==> flow/design.v <==
module mem_rtl #(
  parameter NWORDS = 4,
  parameter NBITS = 12,
  parameter AW = $clog2(NWORDS)
) (
  input CLK,
  input wen,
  input [AW-1:0] waddr,
  input [NBITS-1:0] d,
  input [AW-1:0] raddr_a,
  input [AW-1:0] raddr_b,
  output reg [NBITS-1:0] dout_a,
  output reg [NBITS-1:0] dout_b
);
  reg [NBITS-1:0] array [0:NWORDS-1];
  always @(posedge CLK) begin
    if (wen)
      array[waddr] <= d;
  end
  always @(posedge CLK) begin
    dout_a <= array[raddr_a];
    dout_b <= array[raddr_b];
  end
endmodule
# --- Reports on mem_rtl ---
# Tool output for the design above, in the order of the flow.
# Lines are those of the file above, counted from 1.
# Library cell names are shortened.
design:
  top_module: "mem_rtl"
  clock_port: "CLK"
  cell_library: "sky130hd"
  corner: "tt_025C_1v80"

# --- Elaborated design ---
# Yosys after proc, flatten, opt, wreduce and memory -nomap, before mapping. Enables and synchronous resets that opt folds into registers are not counted as muxes. Memory bits, and registers merged into a memory's read port (data or address), are not among the register bits. Print and check cells are not counted. Equal cells are merged and count once.
# Memory sizes are those after Yosys's memory passes, which may raise the word count (mostly to a power of two), join words into wider ones and drop unused or constant bits.
word_totals:
  clocked_rd_ports_x_width: 24
  wordCells: 4
  regBits: 0
  memories: 1
  latch_bits: 0
  rom_bits: 0
  ramBits: 48
op_classes:
  n_shift: 0
  div: 0
  add_sub_neg: 0
  muxes: 3
  n_mul: 0
  n_eq: 0
  reduce_logical: 0
  compare: 0
  logic: 0
mem_list:
  columns: ["memory", "words", "word_bits", "rd", "wr", "line_no", "rtl"]
  rows:
  - ["array", 4, 12, 2, 1, 15, "reg [NBITS-1:0] array [0:NWORDS-1];"]
ops:
  columns: ["op", "count"]
  rows:
  - ["two-way mux 12 bit", 1]
  - ["two-way mux 2 bit", 1]
  - ["two-way mux 1 bit", 1]

# --- Longest topological paths ---
# Depth = most cells in a row (Yosys ltp): at word level without a register or memory, in the mapped netlist without a sequential cell, where the memories' decode and read muxes count.
depth:
  depth_word: 1
  abc_area: 0
  mapped_depth: 2
  depth_no_buf: 1

# --- Netlist ---
# Source: synth_stat.txt of the flow (Yosys; design flattened, memories mapped). It holds for the ABC_AREA given above (unset counts as 0); a run with the other value may have another netlist.
# Totals and module areas in this step are rounded.
by_type:
  columns: ["type", "count", "area_total_um2"]
  rows:
  - ["edfxtp_1", 48, 1.44E+03]
  - ["dfxtp_1", 24, 480.461]
  - ["mux4_2", 20, 450.432]
  - ["mux4_1", 4, 105.101]
  - ["buf_6", 2, 22.522]
  - ["and3b_1", 2, 17.517]
  - ["buf_2", 2, 10.01]
  - ["nor3b_1", 1, 7.507]
  - ["and3_1", 1, 6.256]
synth_totals:
  stdcells: 104
  buffers: 4
  sequential_area_mm2: 0.00192
  area_mm2: 0.00254
  flip_flops: 72

# --- Path before layout ---
# OpenSTA on the mapped netlist: ideal clock, no wires. The path of least setup slack (recovery checks aside). Input and output delay are each 20% of the period. Register names are those of the netlist, which keeps one name where synthesis merged equal registers.
synth_timing:
  path_kind: "input-to-reg"
  from: "input waddr[0]"
  to: "memory array[0][0]"
  arrival_ns: 1.392
  path_stages: 1
  period_ns: 2.13
  path_delay_ns: 1.365
  input_delay_ns: 0.426
  required_ns: 1.731
  setup_slack_ns: 0.339
  t_first_pin_ns: 0.426
  setup_time_ns: 0.399
  synth_period_reached_ns: 1.791
# "path_delay_ns" = arrival - input delay + setup time.
# "path_stages": output pins that drive a net of the path, with the launching flip-flop's if there is one; two outputs of one cell count as two.
# "synth_period_reached_ns" = period - worst setup slack (recovery checks aside). The figure is calculated, with input and output delays left at 20% of the set period.
# Between the ends stands the longest chain of elaborated cells between them, by number of cells; it is not shown to be the way that was timed. Of several equally long chains one is given.
# A line is the first line of the expression or statement that the cell stems from. Yosys adds cells for indexed reads and writes and turns some case tables into memories.
synth_between:
  cell_sequence: "nor3b_1"
  elab_chain_len: 1
  cells_between: 1
  classes_between: "1 x mux"
synth_lines:
  columns: ["element", "line_no", "rtl"]
  rows:
  - ["start, declared", 8, "input [AW-1:0] waddr,"]
  - ["two-way mux 2 bit", 17, "if (wen)"]
  - ["end, declared", 15, "reg [NBITS-1:0] array [0:NWORDS-1];"]

# --- Timing after layout ---
# From the final timing report of entry A: the path of least setup slack in the routed layout; clock arrival at registers is part of the times.
layout_timing:
  path_kind: "input-to-reg"
  from: "input waddr[0]"
  to: "memory array[1][11]"
  required_ns: 1.54
  input_delay_ns: 0.30
  period_ns: 1.49
  setup_time_ns: 0.28
  setup_slack_ns: 0.28
  arrival_ns: 1.25
  path_stages: 3
  t_first_pin_ns: 0.30
# Between the ends stands the longest chain of elaborated cells between them, by number of cells; it is not shown to be the way that was timed. Of several equally long chains one is given.
layout_between:
  cell_sequence: "clkdlybuf4s50_1 > and3b_1 > buf_12"
  elab_chain_len: 1
  cells_between: 1
  classes_between: "1 x mux"
layout_lines:
  columns: ["element", "line_no", "rtl"]
  rows:
  - ["start, declared", 8, "input [AW-1:0] waddr,"]
  - ["two-way mux 2 bit", 17, "if (wen)"]
  - ["end, declared", 15, "reg [NBITS-1:0] array [0:NWORDS-1];"]

# mem_rtl through Yosys and OpenROAD on sky130hd: 2 stored runs, unordered, with their settings and measured results. The constraints put input and output delay at 20% of the set period each and load the outputs with 0.01 pF.
# "achievedPeriod_ns" means the clock period less the worst setup slack. The figure is calculated, with input and output delays left at 20% of the set period.
# "fin_power_uw" is the tool's figure for a default switching activity; nothing was simulated.
# The results are shown rounded.
runs:
  - name: "entry A"
    settings:
      period_ns: 1.49
      CORE_UTILIZATION: 42
      SETUP_SLACK_MARGIN: 0.31
      PLACE_DENSITY_LB_ADDON: 0.14
      HOLD_SLACK_MARGIN: 0.12
      CORE_ASPECT_RATIO: 1.88
      TNS_END_PERCENT: 20
      GPL_ROUTABILITY_DRIVEN: 1
      CAP_MARGIN: 20
      CORE_MARGIN: 2
      SLEW_MARGIN: 20
    results:
      worst_setup_slack_ns: 0.283
      layout_utilization_pct: 59.6
      total_negative_slack_ns: 0.000
      synthArea_mm2: 0.00254
      achievedPeriod_ns: 1.207
      fin_power_uw: 4430
      final_stdcell_area_mm2: 0.00346
      dieArea_mm2: 0.00672
  - name: "entry B"
    settings:
      period_ns: 2.13
      CAP_MARGIN: 20
      CORE_MARGIN: 2
      CORE_UTILIZATION: 40
      SLEW_MARGIN: 20
    results:
      worst_setup_slack_ns: 0.496
      total_negative_slack_ns: 0.000
      synthArea_mm2: 0.00254
      achievedPeriod_ns: 1.634
      dieArea_mm2: 0.00701
      final_stdcell_area_mm2: 0.00335
      fin_power_uw: 3070
      layout_utilization_pct: 53.6
